==> flow/design.v <==
module mem #(
  parameter ENTRIES = 12,
  parameter BITS = 24,
  parameter NR = 6,
  parameter AWIDTH = $clog2(ENTRIES)
) (
  input  wire CLK,
  input  wire in_write,
  input  wire [AWIDTH-1:0] in_wr_addr,
  input  wire [BITS-1:0] in_write_data,
  input  wire [NR*AWIDTH-1:0] in_read_addr,
  output wire [NR*BITS-1:0] out_rd
);
  reg write_d1;
  reg [AWIDTH-1:0] wr_addr_d1;
  reg [BITS-1:0] write_data_d1;
  always @(posedge CLK) begin
    write_d1 <= in_write;
    wr_addr_d1 <= in_wr_addr;
    write_data_d1 <= in_write_data;
  end
  reg [ENTRIES*BITS-1:0] array;
  genvar ii;
  generate
    for (ii = 0; ii < ENTRIES; ii = ii + 1) begin : slice
      always @(posedge CLK)
        if (write_d1 && wr_addr_d1 == ii) array[ii*BITS +: BITS] <= write_data_d1;
    end
  endgenerate
  reg [NR*AWIDTH-1:0] read_addr_d1;
  always @(posedge CLK) begin
    read_addr_d1 <= in_read_addr;
  end
  reg [NR*BITS-1:0] val;
  integer m;
  integer t;
  always @(*) begin
    val = 0;
    for (m = 0; m < NR; m = m + 1) begin
      for (t = 0; t < ENTRIES; t = t + 1)
        val[m*BITS +: BITS] = val[m*BITS +: BITS] | (array[t*BITS +: BITS] & {BITS{read_addr_d1[m*AWIDTH +: AWIDTH] == t}});
    end
  end
  assign out_rd = val;
endmodule
# Step by step through the tools: mem
# The steps from the RTL of mem to its reports follow in flow order.
# Line numbers count from 1 in the design file above.
# Operators carry their Yosys type and port widths (W data, S select, Z words).
# Library cell names are shortened.
# The mark n/a stands for no value.
[design]
design = "mem"
clock = "CLK"
lib = "sky130hd"
pvt_corner = "tt_025C_1v80"

# Word level
# Counts by Yosys on the flattened word-level netlist (proc, flatten, opt, wreduce; memories kept). Register bits leave out memories and registers merged into their read ports (data or address); mux counts leave out enables and synchronous resets folded into registers. Print and check cells are left out. Cells with the same type and inputs are merged into one.
[bits]
regBits = 341
input_bits = 54
out_inout_bits = 144
word_cells = 250
[classes]
eq_ne = 77
bitwise = 138
reduce_logical = 19
[ops]
columns = ["op", "n"]
rows = [
  ["$and A24 B24 Y24", 72],
  ["$or A24 B24 Y24", 66],
  ["$eq A4 B3 Y1 const B", 28],
  ["$eq A4 B4 Y1 const B", 28],
  ["$eq A4 B2 Y1 const B", 14],
  ["$eq A4 B1 Y1 const B", 7],
  ["$logic_not A4 Y1", 7],
  ["$logic_and A1 B1 Y1", 12],
]

# Depth
# Longest topological path by Yosys (ltp), each cell counted once; first at word level (registers and memories cut), then after technology mapping (sequential cells cut; the memories' decode and read muxes count).
[depth]
depth_word = 13
abc_area = 0
ltp_mapped = 8
mapped_depth_nobuf = 4

# Netlist
# Yosys stat after the flow's synthesis: flattened, memories mapped to cells. It holds for the ABC_AREA given above (unset counts as 0); a run with the other value may have another netlist.
[mapped]
mapped_cells = 2361
mapped_area_um2 = 24882.6
seq_area_um2 = 9709.3
ff_cells = 341
buf_cells = 249
[by_type]
columns = ["type", "n", "area_total_um2"]
rows = [
  ["edfxtp_1", 288, 8.65E+03],
  ["a22oi_1", 236, 1.77E+03],
  ["mux2i_1", 157, 1.57E+03],
  ["mux2_2", 97, 1.09E+03],
  ["a22o_1", 122, 1.07E+03],
  ["dfxtp_1", 53, 1.06E+03],
  ["buf_2", 137, 685.658],
  ["mux4_2", 29, 653.126],
  ["a32oi_1", 74, 648.122],
  ["a221oi_1", 65, 569.296],
  ["o221ai_1", 47, 411.645],
  ["nor2b_1", 56, 350.336],
  ["nor2_1", 92, 345.331],
  ["o22ai_1", 55, 344.08],
  ["o2bb2ai_1", 37, 324.061],
  ["nand2_1", 86, 322.81],
  ["a21oi_1", 60, 300.288],
  ["a32o_1", 29, 290.278],
]
# Other cell types: 62; their cells: 641.

# Worst setup path after synthesis
# OpenSTA on the mapped netlist: ideal clock, no wires. The path of least setup slack (recovery checks aside). Input and output delay are each 20% of the period. Register names are those of the netlist, which keeps one name where synthesis merged equal registers.
[synth_path]
kind = "reg2reg"
start = "register write_d1"
end = "register array[0]"
period_ns = 3.65
setup_time_ns = 0.435
t_first_pin_ns = 0.000
arrival_time_ns = 2.486
required_ns = 3.215
slack_ns = 0.729
delay_ns = 2.921
stages = 3
n_path_buf = 0
synth_period_reached_ns = 2.921
# "delay_ns" = arrival - input delay + setup time.
# "stages" counts driving pins, that of a launching flip-flop among them; a cell with two outputs on the path counts twice.
# "synth_period_reached_ns" is the clock period less the worst setup slack; recovery checks do not enter. This is arithmetic on one report: input and output delays are still those of the set period (20% each).
# Between the ends stands the longest chain of elaborated cells between them, by number of cells; it is not shown to be the way that was timed. Of several equally long chains one is given.
# A line is the first line of the expression or statement that the cell stems from. Yosys adds cells for indexed reads and writes and turns some case tables into memories.
[synth_between]
path_cell_list = "dfxtp_1 or3b_2 nor3_1"
elab_chain_cells = 1
cone_cells = 1
lines_between = 1
cone_classes = "reduce/logical (1)"
[synth_lines]
columns = ["element", "line", "source"]
rows = [
  ["from (decl)", 14, "reg write_d1;"],
  ["from (assign)", 18, "write_d1 <= in_write;"],
  ["$logic_and A1 B1 Y1", 27, "if (write_d1 && wr_addr_d1 == ii) array[ii*BITS +: BITS] <= write_data_d1;"],
  ["to (assign)", 27, ""],
  ["to (decl)", 22, "reg [ENTRIES*BITS-1:0] array;"],
]

# Timing after layout
# From the final timing report of run 1: the path of least setup slack in the routed layout; clock arrival at registers is part of the times.
[layout_path]
kind = "reg2out"
start = "register read_addr_d1[15]"
end = "output port out_rd[88]"
period_ns = 4.94
out_delay_ns = 0.99
t_first_pin_ns = 0.60
arrival_time_ns = 4.04
required_ns = 3.95
slack_ns = -0.09
stages = 8
n_path_buf = 3
# Between the ends stands the longest chain of elaborated cells between them, by number of cells; it is not shown to be the way that was timed. Of several equally long chains one is given.
[layout_between]
path_cell_list = "dfxtp_1 nor2b_1 buf_2 buf_2 a221oi_1 a31o_2 o221ai_1 clkdlybuf4s50_1"
elab_chain_cells = 13
cone_cells = 35
lines_between = 1
cone_classes = "eq/ne (11); logic (23); reduce/logical (1)"
[layout_lines]
columns = ["element", "line", "source"]
rows = [
  ["from (decl)", 30, "reg [NR*AWIDTH-1:0] read_addr_d1;"],
  ["from (assign)", 32, "read_addr_d1 <= in_read_addr;"],
  ["$logic_not A4 Y1", 41, "val[m*BITS +: BITS] = val[m*BITS +: BITS] | (array[t*BITS +: BITS] & {BITS{read_addr_d1[m*AWIDTH +: AWIDTH] == ..."],
  ["$and A24 B24 Y24", 41, ""],
  ["$or A24 B24 Y24 (11 in a row)", 41, ""],
  ["to (decl)", 12, "output wire [NR*BITS-1:0] out_rd"],
]

# Design mem on sky130hd. What follows are 3 stored runs of the flow, each under its own settings; their order means nothing. The constraints put input and output delay at 20% of the set period each and load the outputs with 0.01 pF.
# "achievedPeriod_ns" is the run's clock period less its worst setup slack. It is reckoned from that one timing run; input and output delays stay at 20% of the period that was set.
# "worst_setup_path_time_ns" = time allowed to the worst setup path (clock period - input delay - output delay, where it has them) - its slack; a late launch clock adds to it, a late capture clock takes from it.

[[run]]
name = "run 1"
[run.settings]
period_ns = 4.94
CORE_UTILIZATION = 16
PLACE_DENSITY_LB_ADDON = 0.04
CORE_ASPECT_RATIO = 1.84
CELL_PAD_IN_SITES_GLOBAL_PLACEMENT = 3
TNS_END_PERCENT = 55
GPL_TIMING_DRIVEN = 0
GPL_ROUTABILITY_DRIVEN = 1
CAP_MARGIN = 15
CORE_MARGIN = 2
SLEW_MARGIN = 20
[run.results]
achievedPeriod_ns = 5.028
fin_tns_ns = -0.312
util_frac = 0.206
post_synth_area_um2 = 24882.6
timing.setup.ws_ns = -0.088
worst_setup_path_time_ns = 4.04
timing.worst_path_kind = "reg2out"
die_footprint_um2 = 158833.0

[[run]]
name = "run 2"
[run.settings]
period_ns = 2.54
CORE_UTILIZATION = 68
PLACE_DENSITY_LB_ADDON = 0.16
HOLD_SLACK_MARGIN = -0.05
CORE_ASPECT_RATIO = 0.75
CELL_PAD_IN_SITES_DETAIL_PLACEMENT = 0
GPL_TIMING_DRIVEN = 1
GPL_ROUTABILITY_DRIVEN = 0
CTS_CLUSTER_SIZE = 37
SLEW_MARGIN = 25
CAP_MARGIN = 20
CORE_MARGIN = 2
[run.results]
outcome = "incomplete, clock tree synthesis halted on DPL-0038"

[[run]]
name = "run 3"
[run.settings]
period_ns = 3.65
CAP_MARGIN = 20
CORE_MARGIN = 2
CORE_UTILIZATION = 40
SLEW_MARGIN = 20
[run.results]
achievedPeriod_ns = 3.766
fin_tns_ns = -1.332
util_frac = 0.536
post_synth_area_um2 = 24882.6
timing.setup.ws_ns = -0.116
worst_setup_path_time_ns = 3.04
timing.worst_path_kind = "reg2out"
die_footprint_um2 = 64216.6
